==> flow/design.v <==
module mul_top #(
    parameter XLEN = 20,
    parameter K = 2
) (
    input logic aclk,
    input logic rst,
    input logic ce,
    input logic [XLEN-1:0] x,
    input logic [K-1:0] y,
    output logic [XLEN+K-1:0] m
);
    logic [XLEN-1:0] x_reg;
    logic [K-1:0] y_reg;
    always_ff @(posedge aclk) begin
        if (rst) begin
            x_reg <= 0;
            y_reg <= 0;
            m <= 0;
        end else if (ce) begin
            x_reg <= x;
            y_reg <= y;
            m <= x_reg * y_reg;
        end
    end
endmodule
* Tool chain data of mul_top
What the tools print for mul_top, step after step. Lines are those of the file above, counted from 1. The mark n/a stands for no value.
Design: top module mul_top, clock port aclk, standard-cell library sky130hd, timing corner tt_025C_1v80

* Word level
Source: Yosys, flattened and elaborated, memories not mapped. Widths are those after wreduce; folded enables and synchronous resets count as part of the registers. Registers that Yosys merges into a memory's read port (data or address) are not register bits. Print and check cells do not count. Equal cells are merged and count once.
Cells by class: multiply operators 1
Operator list (number):
- 20-bit by 2-bit multiplier with 22-bit output | 1
Word-level totals: register bits after elaboration 44, cells after elaboration 4

* Longest topological paths
Longest topological path by Yosys (ltp), each cell counted once; first at word level (registers and memories cut), then after technology mapping (sequential cells cut; the memories' decode and read muxes count).
Logic depth: word-level depth 1, ABC_AREA 1, depth in mapped cells 16, depth with buffers taken out 15

* Netlist
The flow's flattened synthesis, as Yosys stat reports it; memories are mapped. The netlist is that of the ABC_AREA named above (0 if unset); the other value can give another one.
Synthesis totals: cells in the netlist 523, synthesis area 0.003118 mm^2, mapped flip-flops 44, buffers 17
Cell types:
- sky130_fd_sc_hd__dfxtp_1 | number 44, area in all 880.845 um^2
- sky130_fd_sc_hd__nand2_1 | number 130, area in all 487.968 um^2
- sky130_fd_sc_hd__nor2_1 | number 100, area in all 375.36 um^2
- sky130_fd_sc_hd__inv_1 | number 87, area in all 326.563 um^2
- sky130_fd_sc_hd__ha_1 | number 19, area in all 237.728 um^2
- sky130_fd_sc_hd__o21ai_0 | number 36, area in all 180.173 um^2
- sky130_fd_sc_hd__nand3_1 | number 25, area in all 125.12 um^2
- sky130_fd_sc_hd__a21oi_1 | number 14, area in all 70.067 um^2
- sky130_fd_sc_hd__xor2_1 | number 8, area in all 70.067 um^2
- sky130_fd_sc_hd__nand2_2 | number 10, area in all 62.56 um^2
- sky130_fd_sc_hd__clkbuf_1 | number 11, area in all 41.29 um^2
- sky130_fd_sc_hd__nand3_2 | number 4, area in all 40.038 um^2
- sky130_fd_sc_hd__nor2_2 | number 6, area in all 37.536 um^2
- sky130_fd_sc_hd__buf_2 | number 6, area in all 30.029 um^2
- sky130_fd_sc_hd__inv_2 | number 8, area in all 30.029 um^2
- sky130_fd_sc_hd__fa_1 | number 1, area in all 20.019 um^2
- sky130_fd_sc_hd__a21oi_2 | number 2, area in all 17.517 um^2
- sky130_fd_sc_hd__o21bai_1 | number 2, area in all 15.014 um^2
Other cell types: 8; their cells: 10.

* Timing after synthesis
Path of least setup slack by OpenSTA after synthesis, without wires, with an ideal clock, recovery checks aside; 20% of the period is set as input and as output delay. Where synthesis merged equal registers, the netlist keeps one of their names.
Timing after synthesis: path type reg-to-reg, start reg y_reg[1], end reg m[17], clock period 3.17 ns, setup time 0.109 ns, launch time at the first pin 0.000 ns, arrival time 1.886 ns, setup slack 1.175 ns, delay of the path 1.995 ns, driving pins on the path 16, buffers on the path 1, synthesis period reached 1.995 ns
"delay of the path" = arrival - input delay + setup time. "driving pins on the path": output pins that drive a net of the path, with the launching flip-flop's if there is one; two outputs of one cell count as two. "synthesis period reached" = period - worst setup slack (recovery checks aside). The figure is calculated, with input and output delays left at 20% of the set period. Between the ends stands the longest chain of elaborated cells between them, by number of cells; it is not shown to be the way that was timed. Of several equally long chains one is given. Each line given opens the expression or statement behind the cell; cells for indexed reads and writes are added by Yosys, which also makes memories of some case tables.
Between the ends, after synthesis: cell sequence sky130_fd_sc_hd__dfxtp_1 sky130_fd_sc_hd__clkbuf_1 sky130_fd_sc_hd__nand2_1 sky130_fd_sc_hd__inv_1 sky130_fd_sc_hd__ha_1 sky130_fd_sc_hd__fa_1 sky130_fd_sc_hd__nand3_1 sky130_fd_sc_hd__nand3_1 sky130_fd_sc_hd__nand2_1 sky130_fd_sc_hd__nand2_1 sky130_fd_sc_hd__nand2_1 sky130_fd_sc_hd__nand2_1 sky130_fd_sc_hd__nand2_1 sky130_fd_sc_hd__nand3_1 sky130_fd_sc_hd__nand2_1 sky130_fd_sc_hd__inv_1, cells in the longest elaborated chain 1, elaborated cells between the ends (all ways) 1, source lines of those cells 1, classes of those cells mul: 1
Ends and longest elaborated chain, after synthesis:
- start, declared | line 13 | logic [K-1:0] y_reg;
- start, assigned | line 17 | y_reg <= 0;
- start, assigned | line 21 | y_reg <= y;
- 20-bit by 2-bit multiplier with 22-bit output | line 22 | m <= x_reg * y_reg;
- end, assigned | line 18 | m <= 0;
- end, assigned | line 22
- end, declared | line 10 | output logic [XLEN+K-1:0] m

* Path in the finished layout
From the final timing report of flow run A: the path of least setup slack in the routed layout; clock arrival at registers is part of the times.
Timing post-layout: path type reg-to-reg, start reg y_reg[1], end reg m[15], clock period 2.38 ns, setup time 0.10 ns, launch time at the first pin 0.31 ns, arrival time 2.40 ns, setup slack 0.19 ns, driving pins on the path 14, buffers on the path 1
Between the ends stands the longest chain of elaborated cells between them, by number of cells; it is not shown to be the way that was timed. Of several equally long chains one is given.
Between the ends, post-layout: cell sequence sky130_fd_sc_hd__dfxtp_4 sky130_fd_sc_hd__buf_8 sky130_fd_sc_hd__nand2_1 sky130_fd_sc_hd__inv_2 sky130_fd_sc_hd__ha_4 sky130_fd_sc_hd__nand2_1 sky130_fd_sc_hd__nor2_2 sky130_fd_sc_hd__nand3_2 sky130_fd_sc_hd__nand3_4 sky130_fd_sc_hd__nand2_2 sky130_fd_sc_hd__nand3_1 sky130_fd_sc_hd__nand3_1 sky130_fd_sc_hd__nand2_1 sky130_fd_sc_hd__inv_1, cells in the longest elaborated chain 1, elaborated cells between the ends (all ways) 1, source lines of those cells 1, classes of those cells mul: 1
Ends and longest elaborated chain, post-layout:
- start, declared | line 13 | logic [K-1:0] y_reg;
- start, assigned | line 17 | y_reg <= 0;
- start, assigned | line 21 | y_reg <= y;
- 20-bit by 2-bit multiplier with 22-bit output | line 22 | m <= x_reg * y_reg;
- end, assigned | line 18 | m <= 0;
- end, assigned | line 22
- end, declared | line 10 | output logic [XLEN+K-1:0] m

FLOW RESULTS
============

Module mul_top, platform sky130hd: 3 stored runs of the flow (Yosys, OpenROAD) with differing settings, in no particular order. Input and output delays are each 20% of the period that was set; the output load is 0.01 pF.
"achieved period": clock period set for the run, less the worst setup slack. It is reckoned from that one timing run; input and output delays stay at 20% of the period that was set.
"time on the worst setup path" = time allowed to the worst setup path (clock period - input delay - output delay, where it has them) - its slack; a late launch clock adds to it, a late capture clock takes from it.
"power consumption": no workload was simulated; the value follows from the tool's default switching activity.

* Flow run A | settings: period_ns 2.38; CORE_UTILIZATION 22; SETUP_SLACK_MARGIN 0.67; CORE_MARGIN 10; CELL_PAD_IN_SITES_DETAIL_PLACEMENT 2; TNS_END_PERCENT 70; ABC_AREA 1; GPL_TIMING_DRIVEN 1; CTS_CLUSTER_SIZE 88; CAP_MARGIN 20; SLEW_MARGIN 20 | results: chip area after synthesis (Yosys) 0.003118 mm^2; time on the worst setup path 2.19 ns; critical path kind reg-to-reg; power consumption 0.00206 W; achieved period 2.189 ns; utilization 0.357; standard-cell area of the final layout 0.0049623 mm^2; total negative setup slack 0.000 ns; die area 0.0193349 mm^2; lowest setup slack 0.191 ns; worst hold slack in the final report 0.537 ns
* Flow run B | settings: period_ns 3.17; CAP_MARGIN 20; CORE_MARGIN 2; CORE_UTILIZATION 40; SLEW_MARGIN 20 | results: chip area after synthesis (Yosys) 0.0028165 mm^2; time on the worst setup path 2.89 ns; critical path kind reg-to-reg; power consumption 0.001107 W; achieved period 2.889 ns; utilization 0.507; standard-cell area of the final layout 0.0034471 mm^2; total negative setup slack 0.000 ns; die area 0.0077282 mm^2; lowest setup slack 0.281 ns; worst hold slack in the final report 0.470 ns
* Flow run C | settings: period_ns 3.58; CORE_UTILIZATION 26; SETUP_SLACK_MARGIN -0.04; PLACE_DENSITY_LB_ADDON 0.16; CORE_MARGIN 2; CELL_PAD_IN_SITES_GLOBAL_PLACEMENT 3; GPL_TIMING_DRIVEN 0; GPL_ROUTABILITY_DRIVEN 0; CTS_CLUSTER_SIZE 20; CTS_CLUSTER_DIAMETER 81; CAP_MARGIN 35; SLEW_MARGIN 20 | results: chip area after synthesis (Yosys) 0.0028165 mm^2; time on the worst setup path 3.02 ns; critical path kind reg-to-reg; power consumption 0.001077 W; achieved period 3.020 ns; utilization 0.334; standard-cell area of the final layout 0.0035684 mm^2; total negative setup slack 0.000 ns; die area 0.0116813 mm^2; lowest setup slack 0.560 ns; worst hold slack in the final report 0.472 ns
